==> flow/design.v <==
module alu_comparator_rtl #(
  parameter DW = 8
) (
  input clk,
  input aresetn,
  input [DW-1:0] i_a,
  input [DW-1:0] i_b,
  output reg o_a_lt_b,
  output reg o_equal
);
  wire [DW:0] cur;
  assign cur = {1'b0, i_a} - {1'b0, i_b};
  always @(posedge clk) begin
    if (~aresetn) begin
      o_a_lt_b <= 1'b0;
      o_equal <= 1'b0;
    end else begin
      o_a_lt_b <= cur[DW];
      o_equal <= ~|cur[DW-1:0];
    end
  end
endmodule
* Tool chain data of alu_comparator_rtl
The steps from the RTL of alu_comparator_rtl to its reports follow in flow order.
Lines are those of the file above, counted from 1.
Cell names lack the library's common part.
A cell with n/a has no value.
- Top :: alu_comparator_rtl
- Clock :: clk
- Cell library :: sky130hd
- Timing corner :: tt_025C_1v80

* After elaboration
Source: Yosys, flattened and elaborated, memories not mapped. Widths are those after wreduce; folded enables and synchronous resets count as part of the registers. Registers that Yosys merges into a memory's read port (data or address) are not register bits. Print and check cells do not count. Equal cells are merged and count once.
- Register bits after elaboration :: 2
- Add/sub/neg operators :: 1
- Reduce/logical cells :: 2
** Operators by type and width (count)
- 8-bit by 8-bit subtractor with 9-bit output :: 1
- 8-bit OR reduction :: 1
- 1-bit zero test :: 1

* Longest topological paths
Depth = most cells in a row (Yosys ltp): at word level without a register or memory, in the mapped netlist without a sequential cell, where the memories' decode and read muxes count.
- Depth after elaboration :: 3
- ABC_AREA :: 0
- Depth in mapped cells :: 8
- Gate-level depth less buffers :: 8

* Mapped cells and area
Source: synth_stat.txt of the flow (Yosys; design flattened, memories mapped). It holds for the ABC_AREA given above (unset counts as 0); a run with the other value may have another netlist.
The area totals of this step are shown rounded.
- Area of sequential cells :: 0.00004 mm^2
- Cell count :: 51
- Synthesis area :: 0.0004091 mm^2
- Mapped flip-flops :: 2
- Buffers :: 0
** Cells by type (count)
- ha_1 :: 8
- dfxtp_1 :: 2
- inv_1 :: 10
- xor2_1 :: 3
- a21oi_1 :: 4
- fa_1 :: 1
- xnor2_1 :: 2
- o21ai_0 :: 3
- o221a_2 :: 1
- o41a_1 :: 1
- or4_4 :: 1
- nor3_2 :: 1
- and3b_1 :: 1
- o21ai_2 :: 1
- a21boi_0 :: 1
- and2b_1 :: 1
- nand3b_1 :: 1
- nor2_1 :: 2
Other cell types: 7; their cells: 7.

* Timing after synthesis
Path of least setup slack by OpenSTA after synthesis, without wires, with an ideal clock, recovery checks aside; 20% of the period is set as input and as output delay. Where synthesis merged equal registers, the netlist keeps one of their names.
- Kind :: input to register
- Start point :: in i_a[0]
- End point :: reg o_equal
- Arrival time :: 2.151 ns
- Delay of the path :: 1.694 ns
- Period :: 2.65 ns
- Launch time at the first pin :: 0.530 ns
- Data required time :: 2.577 ns
- Stages :: 8
- Slack :: 0.426 ns
- Buffers on the path :: 0
- Library setup time :: 0.073 ns
- Period reached after synthesis :: 2.224 ns
"delay of the path" = arrival - input delay + setup time.
"stages" counts driving pins, that of a launching flip-flop among them; a cell with two outputs on the path counts twice.
"period reached after synthesis" is the clock period less the worst setup slack; recovery checks do not enter. This is arithmetic on one report: input and output delays are still those of the set period (20% each).
The rows between start and end are the longest chain of elaborated cells between them; the timing report does not say that the signal goes this way. Where chains are equally long, one stands for them.
Each line given opens the expression or statement behind the cell; cells for indexed reads and writes are added by Yosys, which also makes memories of some case tables.
- Cell sequence :: inv_1 ha_1 fa_1 nand2b_1 a21oi_1 a21oi_1 or4_4 nor3_2
- Cells in the longest elaborated chain :: 3
- Elaborated cells between the ends (all ways) :: 3
- RTL lines with such cells :: 2
- Those cells by class :: add/sub: 1; reduce/logical: 2
** RTL lines, path post-synthesis
- start: declaration :: line 6 : input [DW-1:0] i_a,
- 8-bit by 8-bit subtractor with 9-bit output :: line 12 : assign cur = {1'b0, i_a} - {1'b0, i_b};
- 8-bit OR reduction :: line 19 : o_equal <= ~|cur[DW-1:0];
- 1-bit zero test :: line 19
- end: assignment :: line 16 : o_equal <= 1'b0;
- end: assignment :: line 19
- end: declaration :: line 9 : output reg o_equal

* Path in the finished layout
Path of least setup slack in the final report of flow run 3 (OpenROAD, finished layout, wires in). Where an end is a register, its clock arrival counts in the times.
- Kind :: input to register
- Start point :: in i_a[0]
- End point :: reg o_equal
- Arrival time :: 2.66 ns
- Buffers on the path :: 1
- Period :: 2.65 ns
- Stages :: 9
- Data required time :: 2.77 ns
- Library setup time :: 0.07 ns
- Launch time at the first pin :: 0.53 ns
- Slack :: 0.11 ns
The rows between start and end are the longest chain of elaborated cells between them; the timing report does not say that the signal goes this way. Where chains are equally long, one stands for them.
- Cell sequence :: clkdlybuf4s50_1 inv_1 ha_1 fa_1 nand2b_1 a21oi_1 a21oi_1 or4_4 nor3_2
- Cells in the longest elaborated chain :: 3
- Elaborated cells between the ends (all ways) :: 3
- RTL lines with such cells :: 2
- Those cells by class :: add/sub: 1; reduce/logical: 2
** RTL lines, path after layout
- start: declaration :: line 6 : input [DW-1:0] i_a,
- 8-bit by 8-bit subtractor with 9-bit output :: line 12 : assign cur = {1'b0, i_a} - {1'b0, i_b};
- 8-bit OR reduction :: line 19 : o_equal <= ~|cur[DW-1:0];
- 1-bit zero test :: line 19
- end: assignment :: line 16 : o_equal <= 1'b0;
- end: assignment :: line 19
- end: declaration :: line 9 : output reg o_equal

alu_comparator_rtl through Yosys and OpenROAD on sky130hd: 3 stored runs, unordered, with their settings and measured results. The constraints put input and output delay at 20% of the set period each and load the outputs with 0.01 pF.
"achieved clock period": clock period set for the run, less the worst setup slack. It is reckoned from that one timing run; input and output delays stay at 20% of the period that was set.
"critical setup path time": the worst setup path's part of the clock period (all of it between registers, 20% less for each end at a port) less its slack. A launch clock that arrives late makes it longer, a capture clock that arrives late makes it shorter.
"overall power" rests on the timing tool's default activity at the inputs, not on a simulated workload.
The measured numbers are rounded.

** Flow run 1
- Settings :: period_ns=3.04; CORE_UTILIZATION=72; PLACE_DENSITY_LB_ADDON=0.25; CORE_ASPECT_RATIO=0.51; CELL_PAD_IN_SITES_DETAIL_PLACEMENT=1; GPL_TIMING_DRIVEN=0; GPL_ROUTABILITY_DRIVEN=1; CTS_CLUSTER_DIAMETER=65; CAP_MARGIN=15; CORE_MARGIN=2; SLEW_MARGIN=20
- Outcome :: no results, floorplanning failed with PDN-0185

** Flow run 2
- Settings :: period_ns=3.7; CORE_UTILIZATION=71; SETUP_SLACK_MARGIN=0.03; PLACE_DENSITY_LB_ADDON=0.14; TNS_END_PERCENT=85; CTS_CLUSTER_SIZE=78; CTS_CLUSTER_DIAMETER=119; CAP_MARGIN=25; CORE_MARGIN=2; SLEW_MARGIN=20
- Outcome :: no results, floorplanning failed with PDN-0185

** Flow run 3
- Settings :: period_ns=2.65; CAP_MARGIN=20; CORE_MARGIN=2; CORE_UTILIZATION=40; SLEW_MARGIN=20
- Worst hold slack :: 0.985 ns
- Chip area after synthesis (Yosys) :: 0.0004091 mm^2
- Smallest setup slack :: 0.112 ns
- Critical setup path time :: 2.01 ns
- Worst path kind :: input to register
- Die area :: 0.001295 mm^2
- Overall power :: 0.1872 mW
- Standard-cell area after layout :: 0.0006381 mm^2
- Achieved clock period :: 2.538 ns
